==> flow/design.v <==
module mul_unit #(
  parameter DATA_W = 3
) (
  input  clk_i,
  input  clk_en,
  input  [DATA_W-1:0] rs1_in,
  input  [DATA_W-1:0] rs2_in,
  output reg [2*DATA_W-1:0] prod_out
);
  reg [DATA_W-1:0] rs1_r;
  reg [DATA_W-1:0] rs2_r;
  reg [2*DATA_W-1:0] r;
  integer k;
  always @* begin
    r = 0;
    for (k = 0; k < DATA_W; k = k + 1)
      if (rs2_r[k]) r = r + (rs1_r << k);
  end
  always @(posedge clk_i) begin
    if (clk_en) begin
      rs1_r <= rs1_in;
      rs2_r <= rs2_in;
      prod_out <= r;
    end
  end
endmodule
Hand-over note for mul_unit

=== Tool chain data of mul_unit ===
Tool output for the members of one design family, told apart by "DATA_W", in the order of the flow.
The RTL above is that of DATA_W=3; lines are counted from 1 in the file of the member named.
Cell names lack the library's common part.
Not given: -

* Design top: mul_unit
* Clock port: clk_i
* Library: sky130hd
* Timing corner: tt_025C_1v80

=== Source of the members ===
Lines of each other member's file that are new or changed against the file above; lines that a member lacks are not shown.

{| class="wikitable"
|+ New or changed lines
! DATA_W !! line !! text
|-
| 4 || 2 || <nowiki>parameter DATA_W = 4</nowiki>
|-
| 6 || 2 || <nowiki>parameter DATA_W = 6</nowiki>
|-
| 9 || 2 || <nowiki>parameter DATA_W = 9</nowiki>
|-
| 10 || 2 || <nowiki>parameter DATA_W = 10</nowiki>
|-
| 14 || 2 || <nowiki>parameter DATA_W = 14</nowiki>
|-
| 20 || 2 || <nowiki>parameter DATA_W = 20</nowiki>
|}

=== Word-level counts ===
Source: Yosys, flattened and elaborated, memories not mapped. Widths are those after wreduce; folded enables and synchronous resets count as part of the registers. Registers that Yosys merges into a memory's read port (data or address) are not register bits. Print and check cells do not count. Equal cells are merged and count once.

{| class="wikitable"
|+ Operators by class
! DATA_W !! $add $sub $neg !! muxes and demuxes
|-
| 3 || 2 || 3
|-
| 4 || 3 || 4
|-
| 6 || 5 || 6
|-
| 9 || 8 || 9
|-
| 10 || 9 || 10
|-
| 14 || 13 || 14
|-
| 20 || 19 || 20
|}

{| class="wikitable"
|+ Operator list
! DATA_W !! kinds with counts
|-
| 3 || 6-bit 2-to-1 mux (2); 6-bit by 4-bit adder with 6-bit output (1); 6-bit by 5-bit adder with 6-bit output (1); 3-bit 2-to-1 mux (1)
|-
| 4 || 8-bit 2-to-1 mux (3); 8-bit by 5-bit adder with 8-bit output (1); 8-bit by 6-bit adder with 8-bit output (1); 8-bit by 7-bit adder with 8-bit output (1); 4-bit 2-to-1 mux (1)
|-
| 6 || 12-bit 2-to-1 mux (5); 12-bit by 10-bit adder with 12-bit output (1); 12-bit by 11-bit adder with 12-bit output (1); 12-bit by 7-bit adder with 12-bit output (1); 12-bit by 8-bit adder with 12-bit output (1); 12-bit by 9-bit adder with 12-bit output (1); 6-bit 2-to-1 mux (1)
|-
| 9 || 18-bit 2-to-1 mux (8); 18-bit by 10-bit adder with 18-bit output (1); 18-bit by 11-bit adder with 18-bit output (1); 18-bit by 12-bit adder with 18-bit output (1); 18-bit by 13-bit adder with 18-bit output (1); 18-bit by 14-bit adder with 18-bit output (1); 18-bit by 15-bit adder with 18-bit output (1); 18-bit by 16-bit adder with 18-bit output (1); 18-bit by 17-bit adder with 18-bit output (1); 9-bit 2-to-1 mux (1)
|-
| 10 || 20-bit 2-to-1 mux (9); 20-bit by 11-bit adder with 20-bit output (1); 20-bit by 12-bit adder with 20-bit output (1); 20-bit by 13-bit adder with 20-bit output (1); 20-bit by 14-bit adder with 20-bit output (1); 20-bit by 15-bit adder with 20-bit output (1); 20-bit by 16-bit adder with 20-bit output (1); 20-bit by 17-bit adder with 20-bit output (1); 20-bit by 18-bit adder with 20-bit output (1); 20-bit by 19-bit adder with 20-bit output (1); 10-bit 2-to-1 mux (1)
|-
| 14 || 28-bit 2-to-1 mux (13); 28-bit by 15-bit adder with 28-bit output (1); 28-bit by 16-bit adder with 28-bit output (1); 28-bit by 17-bit adder with 28-bit output (1); 28-bit by 18-bit adder with 28-bit output (1); 28-bit by 19-bit adder with 28-bit output (1); 28-bit by 20-bit adder with 28-bit output (1); 28-bit by 21-bit adder with 28-bit output (1); 28-bit by 22-bit adder with 28-bit output (1); 28-bit by 23-bit adder with 28-bit output (1); 28-bit by 24-bit adder with 28-bit output (1); 28-bit by 25-bit adder with 28-bit output (1); 28-bit by 26-bit adder with 28-bit output (1); 28-bit by 27-bit adder with 28-bit output (1); 14-bit 2-to-1 mux (1)
|-
| 20 || 40-bit 2-to-1 mux (19); 40-bit by 21-bit adder with 40-bit output (1); 40-bit by 22-bit adder with 40-bit output (1); 40-bit by 23-bit adder with 40-bit output (1); 40-bit by 24-bit adder with 40-bit output (1); 40-bit by 25-bit adder with 40-bit output (1); 40-bit by 26-bit adder with 40-bit output (1); 40-bit by 27-bit adder with 40-bit output (1); 40-bit by 28-bit adder with 40-bit output (1); 40-bit by 29-bit adder with 40-bit output (1); 40-bit by 30-bit adder with 40-bit output (1); 40-bit by 31-bit adder with 40-bit output (1); 40-bit by 32-bit adder with 40-bit output (1); 40-bit by 33-bit adder with 40-bit output (1); 40-bit by 34-bit adder with 40-bit output (1); 40-bit by 35-bit adder with 40-bit output (1); 40-bit by 36-bit adder with 40-bit output (1); 40-bit by 37-bit adder with 40-bit output (1); 40-bit by 38-bit adder with 40-bit output (1); 40-bit by 39-bit adder with 40-bit output (1); 20-bit 2-to-1 mux (1)
|}

{| class="wikitable"
|+ Bit counts
! DATA_W !! register bits !! input bits !! elaborated cells
|-
| 3 || 12 || 8 || 8
|-
| 4 || 16 || 10 || 10
|-
| 6 || 24 || 14 || 14
|-
| 9 || 36 || 20 || 20
|-
| 10 || 40 || 22 || 22
|-
| 14 || 56 || 30 || 30
|-
| 20 || 80 || 42 || 42
|}

=== Logic depth ===
Depth = most cells in a row (Yosys ltp): at word level without a register or memory, in the mapped netlist without a sequential cell, where the memories' decode and read muxes count.

{| class="wikitable"
|+ Depth
! DATA_W !! depth in word-level cells !! ABC_AREA !! depth in mapped cells
|-
| 3 || 5 || 0 || 11
|-
| 4 || 7 || 0 || 17
|-
| 6 || 11 || 0 || 35
|-
| 9 || 17 || 0 || 56
|-
| 10 || 19 || 0 || 62
|-
| 14 || 27 || 0 || 100
|-
| 20 || 39 || 0 || 152
|}

=== Synthesis result ===
The flow's flattened synthesis, as Yosys stat reports it; memories are mapped. The netlist is that of the ABC_AREA named above (0 if unset); the other value can give another one.

{| class="wikitable"
|+ Cell types
! DATA_W !! types with counts
|-
| 3 || edfxtp_1 (12); ha_1 (5); mux2_2 (2); fa_1 (1); nand2_1 (5); xnor2_1 (2); o21ai_1 (3); and2_1 (2); nand2b_1 (2); inv_1 (3); a21oi_2 (1); a31o_1 (1); o21ai_2 (1); a21o_1 (1); nor2_1 (2); nand2_2 (1); a21oi_1 (1); inv_2 (1)
|-
| 4 || edfxtp_1 (16); ha_1 (11); fa_1 (3); o21a_1 (6); mux2i_1 (4); mux2_2 (3); inv_1 (8); nand2_1 (8); xnor2_1 (3); a21oi_1 (5); nand2b_1 (3); xor2_1 (2); xor2_2 (1); a21o_1 (2); a221oi_2 (1); and2_1 (2); nor2b_1 (2); maj3_1 (1); (+12)
|-
| 6 || edfxtp_1 (24); ha_1 (27); fa_1 (5); a21oi_1 (19); xnor2_1 (10); inv_1 (20); mux2i_1 (7); mux2_2 (6); o21ai_0 (13); nand2_1 (17); nor2_1 (15); a21o_1 (7); xor2_1 (4); buf_6 (3); o41ai_2 (2); nor2b_1 (5); o21ai_2 (3); nor3b_1 (3); (+50)
|-
| 9 || edfxtp_1 (36); ha_1 (70); mux2_2 (21); a21oi_1 (40); xnor2_1 (22); nand2_1 (48); o21ai_0 (33); xor2_1 (18); fa_1 (7); inv_1 (36); nor2_1 (32); a21o_1 (12); nor2b_1 (14); nand3_1 (16); and2_1 (10); nor3_1 (12); o21a_1 (8); a31oi_1 (8); (+162)
|-
| 10 || edfxtp_1 (40); ha_1 (87); a21oi_1 (60); xnor2_1 (29); nand2_1 (66); o21ai_0 (46); nor2_1 (58); a21o_1 (28); fa_1 (9); mux2_2 (16); inv_1 (44); xor2_1 (18); o21a_1 (18); nor3_1 (23); mux2i_1 (10); nor2b_1 (16); a211oi_1 (12); a31oi_1 (11); (+171)
|-
| 14 || ha_1 (203); edfxtp_1 (56); a21oi_1 (138); nand2_1 (158); nor2_1 (155); xnor2_1 (64); o21ai_0 (99); xor2_1 (53); mux2_2 (32); a21o_1 (47); inv_1 (81); o21a_1 (40); fa_1 (13); mux2i_1 (23); nor3_1 (44); nand3_1 (39); a211oi_1 (22); o31ai_1 (21); (+382)
|-
| 20 || ha_1 (379); edfxtp_1 (80); a21oi_1 (316); xnor2_1 (176); o21ai_0 (273); nand2_1 (327); nor2_1 (325); a21o_1 (125); mux2_2 (81); o21a_1 (94); xor2_1 (77); inv_1 (176); nor3_1 (78); fa_1 (19); nand2b_1 (60); a211oi_1 (49); nand3_1 (72); clkbuf_1 (92); (+787)
|}

A list marked (+n) leaves out that many cells.

{| class="wikitable"
|+ Synthesis totals
! DATA_W !! standard cells after synthesis !! cell area after synthesis (um2) !! mapped flip-flops !! buffers
|-
| 3 || 46 || 609.3 || 12 || 0
|-
| 4 || 93 || 1091.0 || 16 || 3
|-
| 6 || 240 || 2319.7 || 24 || 8
|-
| 9 || 605 || 5228.8 || 36 || 20
|-
| 10 || 762 || 6292.3 || 40 || 22
|-
| 14 || 1670 || 12977.4 || 56 || 45
|-
| 20 || 3586 || 26172.6 || 80 || 111
|}

=== Worst setup path after synthesis ===
Path of least setup slack by OpenSTA after synthesis, without wires, with an ideal clock, recovery checks aside; 20% of the period is set as input and as output delay. Where synthesis merged equal registers, the netlist keeps one of their names.

{| class="wikitable"
|+ Timing after synthesis
! DATA_W !! kind !! from !! to !! period (ps) !! slack (ps) !! driving pins on the path !! path delay (ps) !! period reached after synthesis (ps)
|-
| 3 || reg-to-reg || reg rs1_r[1] || reg prod_out[4] || 3000 || 605 || 12 || 2396 || 2395
|-
| 4 || reg-to-reg || reg rs1_r[1] || reg prod_out[6] || 4420 || 881 || 18 || 3539 || 3539
|-
| 6 || reg-to-reg || reg rs1_r[1] || reg prod_out[10] || 7670 || 1531 || 32 || 6139 || 6139
|-
| 9 || reg-to-reg || reg rs1_r[1] || reg prod_out[16] || 12800 || 2578 || 48 || 10222 || 10222
|-
| 10 || reg-to-reg || reg rs1_r[1] || reg prod_out[18] || 13900 || 2820 || 53 || 11081 || 11080
|-
| 14 || reg-to-reg || reg rs1_r[1] || reg prod_out[26] || 21600 || 4335 || 84 || 17266 || 17265
|-
| 20 || reg-to-reg || reg rs1_r[1] || reg prod_out[39] || 33600 || 6750 || 140 || 26850 || 26850
|}

"path delay" is the arrival time less input delay plus setup time.
"driving pins on the path": output pins that drive a net of the path, with the launching flip-flop's if there is one; two outputs of one cell count as two.
"period reached after synthesis" = period - worst setup slack (recovery checks aside). The figure is calculated, with input and output delays left at 20% of the set period.
The rows between start and end are the longest chain of elaborated cells between them; the timing report does not say that the signal goes this way. Where chains are equally long, one stands for them.
Each line given opens the expression or statement behind the cell; cells for indexed reads and writes are added by Yosys, which also makes memories of some case tables.

Between the ends, after synthesis, DATA_W=3:
* Length of the longest elaborated chain: 5

{| class="wikitable"
|+ Ends and longest elaborated chain, after synthesis, DATA_W=3
! element !! line !! text
|-
| from (decl) || 10 || <nowiki>reg [DATA_W-1:0] rs1_r;</nowiki>
|-
| from (assign) || 21 || <nowiki>rs1_r <= rs1_in;</nowiki>
|-
| 3-bit 2-to-1 mux || 17 || <nowiki>if (rs2_r[k]) r = r + (rs1_r << k);</nowiki>
|-
| 6-bit by 4-bit adder with 6-bit output || 17 ||
|-
| 6-bit 2-to-1 mux || 17 ||
|-
| 6-bit by 5-bit adder with 6-bit output || 17 ||
|-
| 6-bit 2-to-1 mux || 17 ||
|-
| to (assign) || 23 || <nowiki>prod_out <= r;</nowiki>
|-
| to (decl) || 8 || <nowiki>output reg [2*DATA_W-1:0] prod_out</nowiki>
|}

Between the ends, after synthesis, DATA_W=20:
* Length of the longest elaborated chain: 39

{| class="wikitable"
|+ Ends and longest elaborated chain, after synthesis, DATA_W=20
! element !! line !! text
|-
| from (decl) || 10 || <nowiki>reg [DATA_W-1:0] rs1_r;</nowiki>
|-
| from (assign) || 21 || <nowiki>rs1_r <= rs1_in;</nowiki>
|-
| 20-bit 2-to-1 mux || 17 || <nowiki>if (rs2_r[k]) r = r + (rs1_r << k);</nowiki>
|-
| 40-bit by 21-bit adder with 40-bit output || 17 ||
|-
| 40-bit 2-to-1 mux || 17 ||
|-
| 40-bit by 22-bit adder with 40-bit output || 17 ||
|-
| 40-bit 2-to-1 mux || 17 ||
|-
| 40-bit by 23-bit adder with 40-bit output || 17 ||
|-
| 40-bit 2-to-1 mux || 17 ||
|-
| (+25 left out) || - ||
|-
| 40-bit 2-to-1 mux || 17 ||
|-
| 40-bit by 37-bit adder with 40-bit output || 17 ||
|-
| 40-bit 2-to-1 mux || 17 ||
|-
| 40-bit by 38-bit adder with 40-bit output || 17 ||
|-
| 40-bit 2-to-1 mux || 17 ||
|-
| 40-bit by 39-bit adder with 40-bit output || 17 ||
|-
| 40-bit 2-to-1 mux || 17 ||
|-
| to (assign) || 23 || <nowiki>prod_out <= r;</nowiki>
|-
| to (decl) || 8 || <nowiki>output reg [2*DATA_W-1:0] prod_out</nowiki>
|}

=== Worst path after layout ===
From the final timing report of each member's run: the path of least setup slack in the routed layout; clock arrival at registers is part of the times.
The path's times are printed in steps of 10 ps; the period is the one set.

{| class="wikitable"
|+ Timing after layout
! DATA_W !! kind !! from !! to !! period (ps) !! slack (ps) !! driving pins on the path !! data arrival time (ps)
|-
| 3 || reg-to-reg || reg rs1_r[1] || reg prod_out[4] || 3000 || 400 || 12 || 2630
|-
| 4 || reg-to-reg || reg rs1_r[2] || reg prod_out[6] || 4420 || 510 || 17 || 3960
|-
| 6 || reg-to-reg || reg rs1_r[1] || reg prod_out[10] || 7670 || 630 || 32 || 7060
|-
| 9 || reg-to-reg || reg rs2_r[0] || reg prod_out[15] || 12800 || 1060 || 55 || 11760
|-
| 10 || reg-to-reg || reg rs1_r[1] || reg prod_out[17] || 13900 || 930 || 59 || 13020
|-
| 14 || reg-to-reg || reg rs1_r[3] || reg prod_out[26] || 21600 || 1670 || 87 || 20000
|-
| 20 || reg-to-reg || reg rs2_r[0] || reg prod_out[39] || 33600 || 2680 || 140 || 31070
|}

=== Layout results ===
One run of the flow (Yosys, OpenROAD) for each member, with settings and measured results. Input and output delays are each 20% of the period that was set; the output load is 0.01 pF.

* CAP_MARGIN: 20
* CORE_MARGIN: 2
* CORE_UTILIZATION: 40
* SLEW_MARGIN: 20

{| class="wikitable"
|+ Settings by member
! DATA_W !! period_ns
|-
| 3 || 3.0
|-
| 4 || 4.42
|-
| 6 || 7.67
|-
| 9 || 12.8
|-
| 10 || 13.9
|-
| 14 || 21.6
|-
| 20 || 33.6
|}

{| class="wikitable"
|+ Final reports
! DATA_W !! netlist area reported by Yosys (um2) !! die area (um2) !! std-cell area (final layout) (um2) !! final utilization (%) !! lowest setup slack (ps) !! final setup TNS (ps) !! worst-case hold slack (ps) !! period achieved (ps)
|-
| 3 || 609.3 || 1851.6 || 785.8 || 53.4 || 397 || 0 || 629 || 2603
|-
| 4 || 1091.0 || 3161.2 || 1312.5 || 52.0 || 513 || 0 || 673 || 3907
|-
| 6 || 2319.7 || 6424.8 || 2663.8 || 48.1 || 633 || 0 || 797 || 7037
|-
| 9 || 5228.8 || 14002.0 || 5871.9 || 46.3 || 1061 || 0 || 872 || 11739
|-
| 10 || 6292.3 || 16749.5 || 7111.8 || 46.4 || 934 || 0 || 630 || 12966
|-
| 14 || 12977.4 || 33900.2 || 14156.1 || 44.6 || 1671 || 0 || 863 || 19929
|-
| 20 || 26172.6 || 67493.4 || 28323.4 || 43.9 || 2679 || 0 || 860 || 30921
|}

"period achieved" is the run's clock period less its worst setup slack. It is reckoned from that one timing run; input and output delays stay at 20% of the period that was set.

End of note.
